==> flow/design.v <==
module cpu_mul_core_p (clk_i, rst_ni, arg0_in, arg1_in, prod_out);
   parameter NBITS = 14;
   input clk_i;
   input rst_ni;
   input [NBITS-1:0] arg0_in;
   input [NBITS-1:0] arg1_in;
   output reg [2*NBITS-1:0] prod_out;
   reg [NBITS-1:0] arg0_s;
   always @(posedge clk_i) begin
      if (!rst_ni) begin
         arg0_s <= 0;
      end else begin
         arg0_s <= arg0_in;
      end
   end
   reg [NBITS-1:0] arg1_s;
   always @(posedge clk_i) begin
      if (!rst_ni) begin
         arg1_s <= 0;
      end else begin
         arg1_s <= arg1_in;
      end
   end
   localparam H = NBITS / 2;
   wire [NBITS-1:0] ll;
   cpu_mul_core_p_pmul #(.N(H)) el (.a(arg0_s[H-1:0]), .b(arg1_s[H-1:0]), .p(ll));
   wire [NBITS-1:0] lh;
   cpu_mul_core_p_pmul #(.N(H)) inst (.a(arg0_s[H-1:0]), .b(arg1_s[NBITS-1:H]), .p(lh));
   wire [NBITS-1:0] hl;
   cpu_mul_core_p_pmul #(.N(H)) unit (.a(arg0_s[NBITS-1:H]), .b(arg1_s[H-1:0]), .p(hl));
   wire [NBITS-1:0] hh;
   cpu_mul_core_p_pmul #(.N(H)) u (.a(arg0_s[NBITS-1:H]), .b(arg1_s[NBITS-1:H]), .p(hh));
   reg [NBITS-1:0] ll_s;
   always @(posedge clk_i) begin
      if (!rst_ni) begin
         ll_s <= 0;
      end else begin
         ll_s <= ll;
      end
   end
   reg [NBITS-1:0] lh_s;
   always @(posedge clk_i) begin
      if (!rst_ni) begin
         lh_s <= 0;
      end else begin
         lh_s <= lh;
      end
   end
   reg [NBITS-1:0] hl_s;
   always @(posedge clk_i) begin
      if (!rst_ni) begin
         hl_s <= 0;
      end else begin
         hl_s <= hl;
      end
   end
   reg [NBITS-1:0] hh_s;
   always @(posedge clk_i) begin
      if (!rst_ni) begin
         hh_s <= 0;
      end else begin
         hh_s <= hh;
      end
   end
   wire [NBITS:0] part;
   assign part = lh_s + hl_s;
   always @(posedge clk_i) begin
      if (!rst_ni) begin
         prod_out <= 0;
      end else begin
         prod_out <= {hh_s, ll_s} + {part, {H{1'b0}}};
      end
   end
endmodule
module cpu_mul_core_p_pmul #(parameter N = 4) (
   input wire [N-1:0] a,
   input wire [N-1:0] b,
   output wire [2*N-1:0] p
);
   assign p = a * b;
endmodule
Tool chain data of cpu_mul_core_p
Tool output for the design above, in the order of the flow.
Line numbers count from 1 in the design file above.
Library cell names are shortened.
{ "setup": {"design": "cpu_mul_core_p", "clock": "clk_i", "library": "sky130hd", "lib_corner": "tt_025C_1v80"} }

After elaboration
Counts by Yosys on the flattened word-level netlist (proc, flatten, opt, wreduce; memories kept). Register bits leave out memories and registers merged into their read ports (data or address); mux counts leave out enables and synchronous resets folded into registers. Print and check cells are left out. Cells with the same type and inputs are merged into one.
{ "bits": {"reg_bits": 112, "in_bits": 30, "wordCells": 13} }
{ "op_classes": {"addsub": 2, "n_mul": 4} }
{ "op_table": {"columns": ["op", "n"], "rows": [
  ["multiplier 7 x 7 -> 14 bit", 4],
  ["adder 28 x 22 -> 28 bit", 1],
  ["adder 14 x 14 -> 15 bit", 1]
]} }

Longest topological paths
Depth = most cells in a row (Yosys ltp): at word level without a register or memory, in the mapped netlist without a sequential cell, where the memories' decode and read muxes count.
{ "depth": {"depth_word": 2, "abc_area": 0, "depth_mapped": 17, "ltp_nobuf": 16} }

Mapped cells and area
Source: synth_stat.txt of the flow (Yosys; design flattened, memories mapped). It holds for the ABC_AREA given above (unset counts as 0); a run with the other value may have another netlist.
Totals and module areas in this step are rounded.
{ "by_type": {"columns": ["type", "n"], "rows": [
  ["dfxtp_1", 112],
  ["ha_1", 159],
  ["fa_1", 98],
  ["and2_1", 192],
  ["nand2_1", 95],
  ["inv_1", 91],
  ["nor2_1", 72],
  ["xnor2_1", 27],
  ["a21oi_1", 47],
  ["xor2_1", 24],
  ["clkbuf_1", 43],
  ["o21ai_0", 24],
  ["nand3_1", 20],
  ["nor3_1", 19],
  ["a21o_1", 12],
  ["o21a_1", 11],
  ["a211oi_1", 10],
  ["nand2b_1", 12]
]} }
Other cell types: 33; their cells: 85.
{ "synth_totals": {"mapped_cells": 1153, "yosys_area_mm2": 0.01052, "seq_area_mm2": 0.002242, "flip_flops": 112, "n_buf": 44} }
By module: a second synthesis without flattening, with its own total; a netlist apart from the flattened one above.
{ "hier_totals": {"cells_unflattened": 1137, "hier_area_mm2": 0.0107} }
Each row is one instance without its submodules.
{ "modules": {"columns": ["mod", "n_inst", "n_cells", "mod_area_mm2", "seq_area_mm2"], "rows": [
  ["cpu_mul_core_p_pmul #(N=7)", 4, 175, 0.001563, 0],
  ["cpu_mul_core_p", 1, 437, 0.004449, 0.002242]
]} }

Path before layout
Path of least setup slack by OpenSTA after synthesis, without wires, with an ideal clock, recovery checks aside; 20% of the period is set as input and as output delay. Where synthesis merged equal registers, the netlist keeps one of their names.
{ "synth_timing": {"kind": "register -> register", "start": "reg arg1_s[6]", "end": "reg hl_s[12]", "clock_period_ns": 5.37, "arrival_ns": 4.167, "slack_ns": 1.075, "path_delay_ns": 4.295, "driving_pins": 17, "path_buffers": 1, "synth_period_reached_ns": 4.295} }
"path_delay_ns" is the arrival time less input delay plus setup time.
"driving_pins" counts driving pins, that of a launching flip-flop among them; a cell with two outputs on the path counts twice.
"synth_period_reached_ns" = period - worst setup slack (recovery checks aside). The figure is calculated, with input and output delays left at 20% of the set period.
The rows between start and end are the longest chain of elaborated cells between them; the timing report does not say that the signal goes this way. Where chains are equally long, one stands for them.
Each line given opens the expression or statement behind the cell; cells for indexed reads and writes are added by Yosys, which also makes memories of some case tables.
{ "synth_via": {"path_cell_list": "dfxtp_1 -> clkbuf_1 -> nand2_1 -> fa_1 -> fa_1 -> inv_1 -> fa_1 -> inv_1 -> fa_1 -> inv_1 -> ha_1 -> nand3_1 -> o211ai_1 -> o41ai_1 -> o21ai_0 -> xnor2_1 -> nor2_1", "elab_chain_len": 1} }
{ "synth_lines": {"columns": ["item", "line", "source"], "rows": [
  ["start: declaration", 16, "reg [NBITS-1:0] arg1_s;"],
  ["start: assignment", 19, "arg1_s <= 0;"],
  ["start: assignment", 21, "arg1_s <= arg1_in;"],
  ["multiplier 7 x 7 -> 14 bit", 80, "assign p = a * b;"],
  ["end: assignment", 52, "hl_s <= 0;"],
  ["end: assignment", 54, "hl_s <= hl;"],
  ["end: declaration", 49, "reg [NBITS-1:0] hl_s;"]
]} }

Path in the finished layout
Path of least setup slack in the final report of record 1 (OpenROAD, finished layout, wires in). Where an end is a register, its clock arrival counts in the times.
{ "layout_timing": {"kind": "register -> register", "start": "reg arg1_s[1]", "end": "reg ll_s[12]", "clock_period_ns": 5.37, "arrival_ns": 4.83, "slack_ns": 0.80, "driving_pins": 17, "path_buffers": 0} }
The rows between start and end are the longest chain of elaborated cells between them; the timing report does not say that the signal goes this way. Where chains are equally long, one stands for them.
{ "layout_via": {"path_cell_list": "dfxtp_1 -> and2_1 -> fa_1 -> inv_1 -> fa_1 -> inv_1 -> fa_1 -> inv_1 -> fa_1 -> inv_1 -> ha_1 -> nand3_1 -> o211ai_1 -> o41ai_1 -> o21ai_0 -> nand2_1 -> nor3b_1", "elab_chain_len": 1} }
{ "layout_lines": {"columns": ["item", "line", "source"], "rows": [
  ["start: declaration", 16, "reg [NBITS-1:0] arg1_s;"],
  ["start: assignment", 19, "arg1_s <= 0;"],
  ["start: assignment", 21, "arg1_s <= arg1_in;"],
  ["multiplier 7 x 7 -> 14 bit", 80, "assign p = a * b;"],
  ["end: assignment", 36, "ll_s <= 0;"],
  ["end: assignment", 38, "ll_s <= ll;"],
  ["end: declaration", 33, "reg [NBITS-1:0] ll_s;"]
]} }

Ticket comment

Measured data: module cpu_mul_core_p, platform sky130hd, 3 stored runs of the flow under differing settings, order arbitrary. Input and output delays are each 20% of the period that was set; the output load is 0.01 pF.
By "clock_period_reached_ns" is meant the clock period of the run minus its worst setup slack. This is arithmetic on one report: input and output delays are still those of the set period (20% each).
"worst_path_ns" is the time allowed to the run's worst setup path (the clock period less input and output delay, where it has them) less its slack. Clock arrival times count: a late capture clock shortens it, a late launch clock lengthens it.
"power_total_w" is the tool's figure for a default switching activity; nothing was simulated.
Measured values are rounded.

Record 1
==> flow/run.sh <==
#!/bin/bash
# the make line also repeats the synthesis and layout settings of config.mk as NAME=value (left out here)
make -C /OpenROAD-flow-scripts/flow DESIGN_CONFIG=/design/flow/config.mk WORK_HOME=/design/flow/orfs CLKGATE_MAP_FILE= finish
==> flow/config.mk <==
export PLATFORM = sky130hd
export DESIGN_NAME = cpu_mul_core_p
export DESIGN_NICKNAME = cpu_mul_core_p
export VERILOG_FILES = /design/flow/design.v
export SDC_FILE = /design/flow/constraint.sdc
export NUM_CORES = 4
export LEC_CHECK = 0
export CAP_MARGIN = 20
export CORE_MARGIN = 2
export CORE_UTILIZATION = 40
export SLEW_MARGIN = 20
==> flow/constraint.sdc <==
create_clock -name core_clock -period 5.37 [get_ports {clk_i}]
set_input_delay 1.0740 -clock core_clock [delete_from_list [all_inputs] [get_ports {clk_i}]]
set_output_delay 1.0740 -clock core_clock [all_outputs]
set_load 0.01 [all_outputs]

==> results of record 1, as JSON <==
{
  "power_total_w": 0.002297,
  "fin_tns_ns": 0.000,
  "post_route_stdcell_area_mm2": 0.01175,
  "die_mm2": 0.02761,
  "post_synth_area_mm2": 0.01052,
  "worstSetupSlack_ns": 0.798,
  "clock_period_reached_ns": 4.572,
  "worst_path_ns": 4.57,
  "worst_setup_path_type": "register -> register",
  "layout_utilization_pct": 45.4
}

Record 2
==> flow/run.sh <==
#!/bin/bash
# the make line also repeats the synthesis and layout settings of config.mk as NAME=value (left out here)
make -C /OpenROAD-flow-scripts/flow DESIGN_CONFIG=/design/flow/config.mk WORK_HOME=/design/flow/orfs CLKGATE_MAP_FILE= finish
==> flow/config.mk <==
export PLATFORM = sky130hd
export DESIGN_NAME = cpu_mul_core_p
export DESIGN_NICKNAME = cpu_mul_core_p
export VERILOG_FILES = /design/flow/design.v
export SDC_FILE = /design/flow/constraint.sdc
export NUM_CORES = 4
export LEC_CHECK = 0
export ABC_AREA = 1
export CAP_MARGIN = 20
export CELL_PAD_IN_SITES_DETAIL_PLACEMENT = 0
export CELL_PAD_IN_SITES_GLOBAL_PLACEMENT = 1
export CORE_ASPECT_RATIO = 0.73
export CORE_MARGIN = 2
export CORE_UTILIZATION = 45
export CTS_CLUSTER_SIZE = 71
export PLACE_DENSITY_LB_ADDON = 0.01
export SETUP_SLACK_MARGIN = 0.68
export SLEW_MARGIN = 20
==> flow/constraint.sdc <==
create_clock -name core_clock -period 3.62 [get_ports {clk_i}]
set_input_delay 0.7240 -clock core_clock [delete_from_list [all_inputs] [get_ports {clk_i}]]
set_output_delay 0.7240 -clock core_clock [all_outputs]
set_load 0.01 [all_outputs]

==> results of record 2, as JSON <==
{
  "power_total_w": 0.003869,
  "fin_tns_ns": -0.375,
  "post_route_stdcell_area_mm2": 0.01469,
  "die_mm2": 0.02661,
  "post_synth_area_mm2": 0.01139,
  "worstSetupSlack_ns": -0.060,
  "clock_period_reached_ns": 3.680,
  "worst_path_ns": 3.68,
  "worst_setup_path_type": "register -> register",
  "layout_utilization_pct": 59.3
}

Record 3
==> flow/run.sh <==
#!/bin/bash
# the make line also repeats the synthesis and layout settings of config.mk as NAME=value (left out here)
make -C /OpenROAD-flow-scripts/flow DESIGN_CONFIG=/design/flow/config.mk WORK_HOME=/design/flow/orfs CLKGATE_MAP_FILE= finish
==> flow/config.mk <==
export PLATFORM = sky130hd
export DESIGN_NAME = cpu_mul_core_p
export DESIGN_NICKNAME = cpu_mul_core_p
export VERILOG_FILES = /design/flow/design.v
export SDC_FILE = /design/flow/constraint.sdc
export NUM_CORES = 4
export LEC_CHECK = 0
export ABC_AREA = 1
export CAP_MARGIN = 20
export CORE_MARGIN = 6
export CORE_UTILIZATION = 19
export CTS_CLUSTER_DIAMETER = 99
export GPL_ROUTABILITY_DRIVEN = 0
export MAX_ROUTING_LAYER = met4
export SETUP_SLACK_MARGIN = -0.02
export SLEW_MARGIN = 20
export TNS_END_PERCENT = 55
==> flow/constraint.sdc <==
create_clock -name core_clock -period 4.83 [get_ports {clk_i}]
set_input_delay 0.9660 -clock core_clock [delete_from_list [all_inputs] [get_ports {clk_i}]]
set_output_delay 0.9660 -clock core_clock [all_outputs]
set_load 0.01 [all_outputs]

==> results of record 3, as JSON <==
{
  "power_total_w": 0.002556,
  "fin_tns_ns": 0.000,
  "post_route_stdcell_area_mm2": 0.01323,
  "die_mm2": 0.06595,
  "post_synth_area_mm2": 0.01139,
  "worstSetupSlack_ns": 0.586,
  "clock_period_reached_ns": 4.244,
  "worst_path_ns": 4.24,
  "worst_setup_path_type": "register -> register",
  "layout_utilization_pct": 22.4
}
